==> flow/design.v <==
module ex_add_core_stage #(
  parameter DATA_WIDTH = 7,
  parameter GUARD = 2
) (
  input  wire clk_i,
  input  wire [DATA_WIDTH-1:0] data,
  input  wire init,
  output wire [DATA_WIDTH+GUARD-1:0] sum
);
  reg [DATA_WIDTH-1:0] data_q;
  reg init_q;
  reg [DATA_WIDTH+GUARD-1:0] acc;
  always @(posedge clk_i) begin
    data_q <= data;
    init_q <= init;
    acc <= init_q ? 0 : acc + data_q;
  end
  assign sum = acc;
endmodule
# Reports on ex_add_core_stage
# The steps from the RTL of ex_add_core_stage to its reports follow in flow order.
# Lines are those of the file above, counted from 1.
# Library cell names are shortened.
# A cell with n/a has no value.
# setup
design	ex_add_core_stage
clock	clk_i
lib	sky130hd
pvt_corner	tt_025C_1v80

# Elaborated design
# Source: Yosys, flattened and elaborated, memories not mapped. Widths are those after wreduce; folded enables and synchronous resets count as part of the registers. Registers that Yosys merges into a memory's read port (data or address) are not register bits. Print and check cells do not count. Equal cells are merged and count once.
# word_totals
regBits	17
in_bits	9
out_inout_bits	9
# op_classes
n_addsub	1
# ops
op	count
adder 9 x 7 -> 9 bit	1

# Longest topological paths
# Depth = most cells in a row (Yosys ltp): at word level without a register or memory, in the mapped netlist without a sequential cell, where the memories' decode and read muxes count.
# logic_depth
word_depth	1
ABC_AREA	0
ltp_mapped	6
ltp_nobuf	6

# Mapped cells and area
# Yosys stat after the flow's synthesis: flattened, memories mapped to cells. It holds for the ABC_AREA given above (unset counts as 0); a run with the other value may have another netlist.
# synth_totals
cell_count	71
yosys_area_um2	749.5
sequential_area_um2	340.3
flip_flops	17
# by_type
cell	count
dfxtp_1	17
ha_1	7
mux2_2	3
nor2b_1	5
nor2_1	7
fa_1	1
a21oi_1	3
nand2_1	4
a211oi_2	1
o211ai_2	1
or4_4	1
o21ai_0	2
o21ai_1	2
a21o_2	1
a21oi_2	1
a41oi_1	1
nor4b_1	1
or3b_2	1
# Not listed: further types 12, cells in them 12.

# Path before layout
# Source: OpenSTA report_checks on the synthesized netlist (no wires, ideal clock, input and output delay 20% of the period each), path of least setup slack; recovery checks are left aside. Register names are those of the netlist, which keeps one name where synthesis merged equal registers.
# synth_path
path_kind	register to register
startpoint	reg acc[0]
endpoint	reg acc[8]
period_ns	2.29
setup_time_ns	0.121
t_arrival_ns	1.707
required_ns	2.169
path_slack_ns	0.463
path_delay_ns	1.828
stages	7
path_buffers	0
period_less_setup_slack_ns	1.827
# "path_delay_ns" = arrival - input delay + setup time.
# "stages" counts driving pins, that of a launching flip-flop among them; a cell with two outputs on the path counts twice.
# "period_less_setup_slack_ns" = period - worst setup slack (recovery checks aside). The figure is calculated, with input and output delays left at 20% of the set period.
# Between the ends stands the longest chain of elaborated cells between them, by number of cells; it is not shown to be the way that was timed. Of several equally long chains one is given.
# A line is the first line of the expression or statement that the cell stems from. Yosys adds cells for indexed reads and writes and turns some case tables into memories.
# synth_between
cell_sequence	dfxtp_1 ha_1 fa_1 a21o_2 a21oi_2 o21bai_1 mux2_2
elab_chain_cells	1
cone_cells	1
lines_between	1
cone_classes	add/sub (1)
# synth_lines
item	line_no	text
start: declaration	12	reg [DATA_WIDTH+GUARD-1:0] acc;
start: assignment	16	acc <= init_q ? 0 : acc + data_q;
adder 9 x 7 -> 9 bit	16
end: assignment	16
end: declaration	12

# Worst path after layout
# From the final timing report of entry B: the path of least setup slack in the routed layout; clock arrival at registers is part of the times.
# layout_path
path_kind	register to register
startpoint	reg acc[0]
endpoint	reg acc[6]
period_ns	2.29
setup_time_ns	0.10
t_arrival_ns	2.07
required_ns	2.47
path_slack_ns	0.40
stages	7
path_buffers	0
# Between the ends stands the longest chain of elaborated cells between them, by number of cells; it is not shown to be the way that was timed. Of several equally long chains one is given.
# layout_between
cell_sequence	dfxtp_1 ha_1 fa_1 a21o_2 a21oi_2 o21ai_1 mux2_2
elab_chain_cells	1
cone_cells	1
lines_between	1
cone_classes	add/sub (1)
# layout_lines
item	line_no	text
start: declaration	12	reg [DATA_WIDTH+GUARD-1:0] acc;
start: assignment	16	acc <= init_q ? 0 : acc + data_q;
adder 9 x 7 -> 9 bit	16
end: assignment	16
end: declaration	12

# Record of 3 stored runs of the RTL-to-layout flow on ex_add_core_stage, platform sky130hd. The runs are unordered. Constraints: input delay and output delay 20% of the set period each, output load 0.01 pF.
# "achieved_clock_period_ns" = clock period - worst setup slack. The figure is calculated, with input and output delays left at 20% of the set period.
# "worst_path_ns": the worst setup path's part of the clock period (all of it between registers, 20% less for each end at a port) less its slack. A launch clock that arrives late makes it longer, a capture clock that arrives late makes it shorter.
# "fin_power_w" rests on the timing tool's default activity at the inputs, not on a simulated workload.
# A setting shown as - is not set for that run.
# Results: - = not shown.
name,entry A,entry B,entry C
period_ns,1.75,2.29,1.12
CORE_UTILIZATION,63,40,44
SETUP_SLACK_MARGIN,-0.07,-,-
PLACE_DENSITY_LB_ADDON,0.17,-,0.12
CELL_PAD_IN_SITES_GLOBAL_PLACEMENT,2,-,2
CELL_PAD_IN_SITES_DETAIL_PLACEMENT,2,-,0
TNS_END_PERCENT,55,-,-
CTS_CLUSTER_DIAMETER,96,-,-
SLEW_MARGIN,35,20,20
MAX_ROUTING_LAYER,met4,-,-
CAP_MARGIN,20,20,20
CORE_MARGIN,2,2,2
GPL_TIMING_DRIVEN,-,-,0
MIN_ROUTING_LAYER,-,-,met2
layout_utilization_frac,-,0.555,-
tns_setup_ns,-,0.000,-
hold_ws_ns,-,0.572,-
synth_area_um2,-,749.5,-
setup_worst_slack_ns,-,0.400,-
post_route_stdcell_area_um2,-,968.4,-
final_die_area_um2,-,2235.9,-
achieved_clock_period_ns,-,1.890,-
fin_power_w,-,0.0009706,-
worst_path_ns,-,1.89,-
worst_path_kind,-,register to register,-
# Entry A: unfinished; error FLW-0024 in placement
# Entry C: unfinished; error FLW-0024 in placement
